==> flow/design.v <==
module selector_rtl #(
   parameter W = 4
) (
   input wire i_clk,
   input wire reset,
   input wire [W-1:0] d0,
   input wire [W-1:0] d1,
   input wire [W-1:0] d2,
   input wire [W-1:0] d3,
   input wire [W-1:0] d4,
   input wire [W-1:0] d5,
   input wire [W-1:0] d6,
   input wire [W-1:0] d7,
   input wire [2:0] pick,
   output wire [W-1:0] o
);
   reg [W-1:0] tmp;
   always @* begin
      if (pick == 0) tmp = d0;
      else if (pick == 1) tmp = d1;
      else if (pick == 2) tmp = d2;
      else if (pick == 3) tmp = d3;
      else if (pick == 4) tmp = d4;
      else if (pick == 5) tmp = d5;
      else if (pick == 6) tmp = d6;
      else tmp = d7;
   end
   reg [W-1:0] o_q;
   always @(posedge i_clk or posedge reset) begin
      if (reset) begin
         o_q <= 0;
      end else begin
         o_q <= tmp;
      end
   end
   assign o = o_q;
endmodule
Subject: tool reports on selector_rtl

Hi,

## Reports on selector_rtl

Tool output for the members of one design family, told apart by "W", in the order of the flow.
The RTL above is that of W = 4; lines are counted from 1 in the file of the member named.
Operators carry their Yosys type and port widths (W data, S select, Z words).
Library cell names are shortened.
Not given: n/a

- Design top: selector_rtl
- Clock: i_clk
- Standard-cell library: sky130hd
- Library corner: tt_025C_1v80

## Members of the sweep

New or changed lines of each further member against the RTL above, in its own file; lines it lacks are not shown.

New or changed lines:

| W | line | source |
|---|---|---|
| 8 | 2 | `parameter W = 8` |
| 12 | 2 | `parameter W = 12` |
| 24 | 2 | `parameter W = 24` |
| 32 | 2 | `parameter W = 32` |

## After elaboration

Counts by Yosys on the flattened word-level netlist (proc, flatten, opt, wreduce; memories kept). Register bits leave out memories and registers merged into their read ports (data or address); mux counts leave out enables and synchronous resets folded into registers. Print and check cells are left out. Cells with the same type and inputs are merged into one.

Word-level totals:

| W | word-level cells | output and inout port bits | input bits | bits in registers |
|---|---|---|---|---|
| 4 | 15 | 4 | 37 | 4 |
| 8 | 15 | 8 | 69 | 8 |
| 12 | 15 | 12 | 101 | 12 |
| 24 | 15 | 24 | 197 | 24 |
| 32 | 15 | 32 | 261 | 32 |

Operators by class:

| W | equal/unequal tests | reduce/logical cells | mux-type cells |
|---|---|---|---|
| 4 | 6 | 1 | 7 |
| 8 | 6 | 1 | 7 |
| 12 | 6 | 1 | 7 |
| 24 | 6 | 1 | 7 |
| 32 | 6 | 1 | 7 |

Operators with widths:

| W | kinds with counts |
|---|---|
| 4 | 7 x $mux W4; 3 x $eq A3 B3 Y1 const B; 2 x $eq A3 B2 Y1 const B; 1 x $eq A3 B1 Y1 const B; 1 x $logic_not A3 Y1 |
| 8 | 7 x $mux W8; 3 x $eq A3 B3 Y1 const B; 2 x $eq A3 B2 Y1 const B; 1 x $eq A3 B1 Y1 const B; 1 x $logic_not A3 Y1 |
| 12 | 7 x $mux W12; 3 x $eq A3 B3 Y1 const B; 2 x $eq A3 B2 Y1 const B; 1 x $eq A3 B1 Y1 const B; 1 x $logic_not A3 Y1 |
| 24 | 7 x $mux W24; 3 x $eq A3 B3 Y1 const B; 2 x $eq A3 B2 Y1 const B; 1 x $eq A3 B1 Y1 const B; 1 x $logic_not A3 Y1 |
| 32 | 7 x $mux W32; 3 x $eq A3 B3 Y1 const B; 2 x $eq A3 B2 Y1 const B; 1 x $eq A3 B1 Y1 const B; 1 x $logic_not A3 Y1 |

## Logic depth

Depth = most cells in a row (Yosys ltp): at word level without a register or memory, in the mapped netlist without a sequential cell, where the memories' decode and read muxes count.

Logic depth:

| W | word-level depth | ABC_AREA | mapped depth | depth with buffers taken out |
|---|---|---|---|---|
| 4 | 8 | 0 | 6 | 4 |
| 8 | 8 | 0 | 5 | 3 |
| 12 | 8 | 0 | 6 | 4 |
| 24 | 8 | 0 | 7 | 4 |
| 32 | 8 | 0 | 7 | 4 |

## Synthesis result

Yosys stat after the flow's synthesis: flattened, memories mapped to cells. It holds for the ABC_AREA given above (unset counts as 0); a run with the other value may have another netlist.

Synthesis totals:

| W | buffers | cell area after synthesis (µm²) | cells in the netlist | flip-flop cells | sequential part of the area (µm²) |
|---|---|---|---|---|---|
| 4 | 3 | 454.2 | 43 | 4 | 100.1 |
| 8 | 6 | 704.4 | 71 | 8 | 200.2 |
| 12 | 13 | 1217.4 | 127 | 12 | 300.3 |
| 24 | 15 | 2070.7 | 136 | 24 | 600.6 |
| 32 | 42 | 3678.5 | 375 | 32 | 800.8 |

Cells by type:

| W | types with counts |
|---|---|
| 4 | 4 x dfrtp_1; 3 x mux4_1; 3 x mux4_2; 7 x nand2_1; 1 x buf_12; 2 x mux2i_1; 2 x o311ai_0; 2 x nand2b_1; 1 x buf_6; 3 x inv_1; 2 x a21oi_1; 2 x nor3_1; 2 x o21ai_0; 1 x a221oi_1; 1 x and2b_2; 1 x a211oi_1; 1 x nand3b_1; 2 x nor2_1; (+3) |
| 8 | 8 x dfrtp_1; 14 x mux2i_1; 7 x a22o_1; 7 x o221ai_1; 7 x a21o_1; 2 x mux4_2; 7 x a31oi_1; 7 x nand2_1; 3 x buf_2; 1 x a21boi_2; 1 x buf_6; 1 x mux2_2; 2 x clkbuf_1; 2 x nor2_1; 1 x nor2b_1; 1 x inv_1 |
| 12 | 12 x dfrtp_1; 8 x mux2_4; 10 x mux2i_1; 8 x mux2_2; 10 x a31oi_1; 8 x a21o_1; 8 x a22oi_1; 6 x a22o_1; 4 x o221ai_1; 3 x buf_6; 2 x a221oi_2; 6 x o21ai_1; 7 x nor2_1; 5 x buf_2; 5 x nor3_1; 3 x buf_4; 2 x mux2_1; 5 x nand2_1; (+15) |
| 24 | 41 x mux4_2; 24 x dfrtp_1; 20 x mux2_2; 9 x mux2i_1; 3 x buf_6; 7 x clkbuf_1; 4 x a31oi_1; 6 x nor2_1; 3 x a21oi_1; 3 x o21ai_1; 2 x o22ai_1; 1 x mux2_1; 3 x nand2_1; 2 x buf_2; 1 x a22o_1; 2 x buf_1; 1 x buf_4; 1 x nor3b_1; (+3) |
| 32 | 32 x dfrtp_1; 44 x mux2i_1; 24 x mux2_2; 31 x a211oi_1; 12 x mux2_4; 8 x mux4_2; 12 x a22oi_2; 17 x o22a_1; 38 x nand2_1; 9 x clkbuf_8; 10 x buf_6; 18 x o22ai_1; 15 x nand2b_1; 17 x nor3_1; 7 x o32ai_1; 12 x buf_2; 16 x nor2_1; 6 x o221ai_1; (+47) |

A list marked (+n) leaves out that many cells.

## Timing after synthesis

Path of least setup slack by OpenSTA after synthesis, without wires, with an ideal clock, recovery checks aside; 20% of the period is set as input and as output delay. Where synthesis merged equal registers, the netlist keeps one of their names.

Path post-synthesis:

| W | path type | start | end | stages on the path | delay of the path (ps) | setup slack (ps) | period (ps) | period reached after synthesis (ps) |
|---|---|---|---|---|---|---|---|---|
| 4 | input to register | input port pick[0] | register o_q[2] | 5 | 929 | 231 | 1450 | 1219 |
| 8 | input to register | input port pick[0] | register o_q[5] | 3 | 1010 | 254 | 1580 | 1326 |
| 12 | input to register | input port pick[0] | register o_q[4] | 5 | 959 | 240 | 1500 | 1260 |
| 24 | input to register | input port pick[1] | register o_q[0] | 4 | 1209 | 304 | 1890 | 1586 |
| 32 | input to register | input port pick[1] | register o_q[14] | 6 | 1054 | 266 | 1650 | 1384 |

"delay of the path" is the arrival time less input delay plus setup time.
"stages on the path" counts driving pins, that of a launching flip-flop among them; a cell with two outputs on the path counts twice.
"period reached after synthesis" is the clock period less the worst setup slack; recovery checks do not enter. This is arithmetic on one report: input and output delays are still those of the set period (20% each).
Between the ends stands the longest chain of elaborated cells between them, by number of cells; it is not shown to be the way that was timed. Of several equally long chains one is given.
A line is the first line of the expression or statement that the cell stems from. Yosys adds cells for indexed reads and writes and turns some case tables into memories.

Between the ends, post-synthesis, W = 4:
- Cells in the longest elaborated chain: 8

RTL lines, path post-synthesis, W = 4:

| what | line | source |
|---|---|---|
| from (decl) | 14 | `input wire [2:0] pick,` |
| $eq A3 B3 Y1 | 25 | `else if (pick == 6) tmp = d6;` |
| $mux W4 | 25 |  |
| $mux W4 | 24 | `else if (pick == 5) tmp = d5;` |
| $mux W4 | 23 | `else if (pick == 4) tmp = d4;` |
| $mux W4 | 22 | `else if (pick == 3) tmp = d3;` |
| $mux W4 | 21 | `else if (pick == 2) tmp = d2;` |
| $mux W4 | 20 | `else if (pick == 1) tmp = d1;` |
| $mux W4 | 19 | `if (pick == 0) tmp = d0;` |
| to (assign) | 31 | `o_q <= 0;` |
| to (assign) | 33 | `o_q <= tmp;` |
| to (decl) | 28 | `reg [W-1:0] o_q;` |

Between the ends, post-synthesis, W = 32:
- Cells in the longest elaborated chain: 8

RTL lines, path post-synthesis, W = 32:

| what | line | source |
|---|---|---|
| from (decl) | 14 | `input wire [2:0] pick,` |
| $eq A3 B3 Y1 | 25 | `else if (pick == 6) tmp = d6;` |
| $mux W32 | 25 |  |
| $mux W32 | 24 | `else if (pick == 5) tmp = d5;` |
| $mux W32 | 23 | `else if (pick == 4) tmp = d4;` |
| $mux W32 | 22 | `else if (pick == 3) tmp = d3;` |
| $mux W32 | 21 | `else if (pick == 2) tmp = d2;` |
| $mux W32 | 20 | `else if (pick == 1) tmp = d1;` |
| $mux W32 | 19 | `if (pick == 0) tmp = d0;` |
| to (assign) | 31 | `o_q <= 0;` |
| to (assign) | 33 | `o_q <= tmp;` |
| to (decl) | 28 | `reg [W-1:0] o_q;` |

## Path in the finished layout

Path of least setup slack in the final report of each member's run (OpenROAD, finished layout, wires in). Where an end is a register, its clock arrival counts in the times.
The path's times are printed in steps of 10 ps; the period is the one set.

Path after layout:

| W | path type | start | end | period (ps) | stages on the path | buffers on the path | setup slack (ps) | arrival (ps) |
|---|---|---|---|---|---|---|---|---|
| 4 | register to output | register o_q[0] | output port o[0] | 1450 | 2 | 1 | 30 | 1130 |
| 8 | input to register | input port pick[2] | register o_q[7] | 1580 | 5 | 2 | 30 | 1690 |
| 12 | input to register | input port pick[2] | register o_q[0] | 1500 | 6 | 3 | 40 | 1590 |
| 24 | register to output | register o_q[10] | output port o[10] | 1890 | 2 | 1 | 290 | 1220 |
| 32 | register to output | register o_q[22] | output port o[22] | 1650 | 2 | 1 | 110 | 1210 |

## Measured runs

Settings and results of one run of the flow (Yosys, OpenROAD) for each member follow. The constraints put input and output delay at 20% of the set period each and load the outputs with 0.01 pF.

- CAP_MARGIN: 20
- CORE_MARGIN: 2
- CORE_UTILIZATION: 40
- SLEW_MARGIN: 20

Settings by member:

| W | period_ns |
|---|---|
| 4 | 1.45 |
| 8 | 1.58 |
| 12 | 1.5 |
| 24 | 1.89 |
| 32 | 1.65 |

Measured results:

| W | standard-cell area of the final layout (µm²) | area of the die (µm²) | synthesized cell area (µm²) | setup total negative slack (ps) | setup slack of the critical path (ps) | overall power (µW) | period achieved (ps) | utilization |
|---|---|---|---|---|---|---|---|---|
| 4 | 972.2 | 1420.9 | 454.2 | 0 | 34 | 554.4 | 1416 | 0.899 |
| 8 | 1562.8 | 2112.8 | 704.4 | 0 | 26 | 801.8 | 1554 | 0.925 |
| 12 | 2521.2 | 3501.1 | 1217.4 | 0 | 39 | 1247 | 1461 | 0.847 |
| 24 | 4444.3 | 5768.4 | 2070.7 | 0 | 288 | 2027 | 1602 | 0.881 |
| 32 | 6801.5 | 9979.0 | 3678.5 | 0 | 110 | 3274 | 1540 | 0.772 |

"period achieved" is the run's clock period less its worst setup slack. It is reckoned from that one timing run; input and output delays stay at 20% of the period that was set.
"overall power" rests on the timing tool's default activity at the inputs, not on a simulated workload.

Regards
